==> flow/design.v <==
module cpu_shifter (ck, RSTN, enable, i_ch, i_n, i_dir, o_data_out);
    parameter integer BITS = 8;
    localparam integer SEL_WIDTH = $clog2(BITS);
    input ck;
    input RSTN;
    input enable;
    input [BITS-1:0] i_ch;
    input [SEL_WIDTH-1:0] i_n;
    input i_dir;
    output [BITS-1:0] o_data_out;
    reg [BITS-1:0] r_ch;
    reg [SEL_WIDTH-1:0] r_n;
    reg r_dir;
    always @(posedge ck or negedge RSTN) begin
        if (~RSTN) begin
            r_ch <= 0;
            r_n <= 0;
            r_dir <= 1'b0;
        end else if (enable) begin
            r_ch <= i_ch;
            r_n <= i_n;
            r_dir <= i_dir;
        end
    end
    assign o_data_out = r_dir ? r_ch << r_n : r_ch >> r_n;
endmodule
==> Step by step through the tools: cpu_shifter <==
What the tools print for cpu_shifter, step after step.
Line numbers count from 1 in the design file above.
Operators carry their Yosys type and port widths (W data, S select, Z words).
Cell names lack the library's common part.
{ "design": {"top": "cpu_shifter", "clock": "ck", "lib": "sky130hd", "lib_corner": "tt_025C_1v80"} }

==> Elaborated design <==
Counts by Yosys on the flattened word-level netlist (proc, flatten, opt, wreduce; memories kept). Register bits leave out memories and registers merged into their read ports (data or address); mux counts leave out enables and synchronous resets folded into registers. Print and check cells are left out. Cells with the same type and inputs are merged into one.
{ "bits": {"ff_bits": 12, "mem_bits_ro": 0, "latchBits": 0, "clocked_rd_ports_x_width": 0, "mem_bits_rw": 0, "mem_count": 0, "out_inout_bits": 8, "in_bits": 15, "word_cells": 6} }
{ "classes": {"add_sub_neg": 0, "n_shift": 2, "cmp": 0, "equal": 0, "reduce_and_logical": 0, "n_mul": 0, "div": 0, "logic": 0, "n_mux": 1} }
{ "ops": {"columns": ["cell", "count"], "rows": [
  ["$shl A8 B3 Y8", 1],
  ["$shr A8 B3 Y8", 1],
  ["$mux W8", 1]
]} }

==> Logic depth <==
Depth = most cells in a row (Yosys ltp): at word level without a register or memory, in the mapped netlist without a sequential cell, where the memories' decode and read muxes count.
{ "depth": {"word_depth": 2, "ABC_AREA": 0, "ltp_mapped": 6} }

==> After synthesis <==
The flow's flattened synthesis, as Yosys stat reports it; memories are mapped. The netlist is that of the ABC_AREA named above (0 if unset); the other value can give another one.
The area totals of this step are shown rounded.
{ "by_type": {"columns": ["type", "count", "area_total_um2"], "rows": [
  ["dfrtp_1", 12, 300.288],
  ["mux2_2", 11, 123.869],
  ["mux2i_1", 6, 60.058],
  ["nand2_1", 16, 60.058],
  ["mux4_2", 2, 45.043],
  ["nor2_1", 10, 37.536],
  ["o211ai_1", 5, 37.536],
  ["nand3_1", 7, 35.034],
  ["o21ai_0", 7, 35.034],
  ["a22oi_1", 4, 30.029],
  ["buf_2", 5, 25.024],
  ["a21oi_1", 4, 20.019],
  ["nor2b_1", 3, 18.768],
  ["a2111oi_2", 1, 15.014],
  ["buf_8", 1, 15.014],
  ["nand2b_1", 2, 12.512],
  ["nor3b_2", 1, 12.512],
  ["o211ai_2", 1, 12.512]
]} }
Other cell types: 6; their cells: 8.
{ "synth_totals": {"flip_flops": 12, "area_um2": 947, "stdcells": 106} }

==> Worst setup path after synthesis <==
OpenSTA on the mapped netlist: ideal clock, no wires. The path of least setup slack (recovery checks aside). Input and output delay are each 20% of the period. Register names are those of the netlist, which keeps one name where synthesis merged equal registers.
{ "synth_timing": {"path_kind": "register to output", "from": "register r_n[0]", "to": "output o_data_out[1]", "delay_ns": 1.207, "t_required_ns": 1.512, "arrival_ns": 1.207, "out_delay_ns": 0.378, "slack_ns": 0.305, "tclk_ns": 1.89, "driving_pins": 5, "synth_period_reached_ns": 1.585} }
"delay_ns" is the arrival time less input delay plus setup time.
At an output port there is no setup time.
"driving_pins": output pins that drive a net of the path, with the launching flip-flop's if there is one; two outputs of one cell count as two.
"synth_period_reached_ns" is the clock period less the worst setup slack; recovery checks do not enter. This is arithmetic on one report: input and output delays are still those of the set period (20% each).
Between the ends stands the longest chain of elaborated cells between them, by number of cells; it is not shown to be the way that was timed. Of several equally long chains one is given.
Each line given opens the expression or statement behind the cell; cells for indexed reads and writes are added by Yosys, which also makes memories of some case tables.
{ "synth_via": {"path_cell_list": "dfrtp_1 buf_6 mux4_2 a21oi_1 mux2i_1", "elab_chain_len": 2, "cells_between": 3, "classes_between": "2 x shift; 1 x mux"} }
{ "synth_lines": {"columns": ["element", "line_no", "source"], "rows": [
  ["start, declared", 12, "reg [SEL_WIDTH-1:0] r_n;"],
  ["start, assigned", 17, "r_n <= 0;"],
  ["start, assigned", 21, "r_n <= i_n;"],
  ["$shr A8 B3 Y8", 25, "assign o_data_out = r_dir ? r_ch << r_n : r_ch >> r_n;"],
  ["$mux W8", 25, null],
  ["end, declared", 10, "output [BITS-1:0] o_data_out;"]
]} }

==> Path in the finished layout <==
From the final timing report of stored run 1: the path of least setup slack in the routed layout; clock arrival at registers is part of the times.
{ "layout_timing": {"path_kind": "register to output", "from": "register r_n[0]", "to": "output o_data_out[6]", "tclk_ns": 2.52, "slack_ns": 0.29, "driving_pins": 7, "t_required_ns": 2.02, "arrival_ns": 1.73, "out_delay_ns": 0.50} }
Between the ends stands the longest chain of elaborated cells between them, by number of cells; it is not shown to be the way that was timed. Of several equally long chains one is given.
{ "layout_via": {"path_cell_list": "dfrtp_2 buf_6 buf_6 mux4_2 nand2_1 nand3_1 buf_2", "elab_chain_len": 2, "cells_between": 3, "classes_between": "2 x shift; 1 x mux"} }
{ "layout_lines": {"columns": ["element", "line_no", "source"], "rows": [
  ["start, declared", 12, "reg [SEL_WIDTH-1:0] r_n;"],
  ["start, assigned", 17, "r_n <= 0;"],
  ["start, assigned", 21, "r_n <= i_n;"],
  ["$shr A8 B3 Y8", 25, "assign o_data_out = r_dir ? r_ch << r_n : r_ch >> r_n;"],
  ["$mux W8", 25, null],
  ["end, declared", 10, "output [BITS-1:0] o_data_out;"]
]} }

Hand-over note for cpu_shifter

Stored flow runs of cpu_shifter (3 of them; Yosys, OpenROAD, sky130hd). They differ in their settings and are not a sequence. Constraints: input delay and output delay 20% of the set period each, output load 0.01 pF.
"period_less_ws_ns": clock period set for the run, less the worst setup slack. It is reckoned from that one timing run; input and output delays stay at 20% of the period that was set.
"worst_path_time_ns" = time allowed to the worst setup path (clock period - input delay - output delay, where it has them) - its slack; a late launch clock adds to it, a late capture clock takes from it.
"totalPower_mw" is the tool's figure for a default switching activity; nothing was simulated.
The measured numbers are rounded.
[
  {
    "run": "stored run 1",
    "settings": { "period_ns": 2.52, "CORE_UTILIZATION": 36, "SETUP_SLACK_MARGIN": 0.57, "PLACE_DENSITY": 0.58, "CORE_ASPECT_RATIO": 0.86, "MIN_ROUTING_LAYER": "met2", "CAP_MARGIN": 20, "CORE_MARGIN": 2, "SLEW_MARGIN": 20 },
    "results": { "final_setup_tns_ns": 0.000, "final_util_frac": 0.546, "period_less_ws_ns": 2.233, "post_route_stdcell_area_um2": 1380, "yosys_chip_area_um2": 947, "fin_ws_ns": 0.287, "totalPower_mw": 0.693, "worst_path_time_ns": 1.73, "critical_path_kind": "register to output", "dieArea_um2": 3060 }
  },
  {
    "run": "stored run 2",
    "settings": { "period_ns": 1.89, "CAP_MARGIN": 20, "CORE_MARGIN": 2, "CORE_UTILIZATION": 40, "SLEW_MARGIN": 20 },
    "results": { "final_setup_tns_ns": -0.996, "final_util_frac": 0.671, "period_less_ws_ns": 2.082, "post_route_stdcell_area_um2": 1500, "yosys_chip_area_um2": 947, "fin_ws_ns": -0.192, "totalPower_mw": 0.993, "worst_path_time_ns": 1.70, "critical_path_kind": "register to output", "dieArea_um2": 2770 }
  },
  {
    "run": "stored run 3",
    "settings": { "period_ns": 1.17, "CORE_UTILIZATION": 42, "SETUP_SLACK_MARGIN": -0.06, "PLACE_DENSITY_LB_ADDON": 0.1, "CORE_ASPECT_RATIO": 0.52, "CORE_MARGIN": 7, "CELL_PAD_IN_SITES_GLOBAL_PLACEMENT": 3, "GPL_ROUTABILITY_DRIVEN": 1, "CAP_MARGIN": 0, "SLEW_MARGIN": 20 },
    "outcome": "did not finish, placement stopped with FLW-0024"
  }
]

End of note.
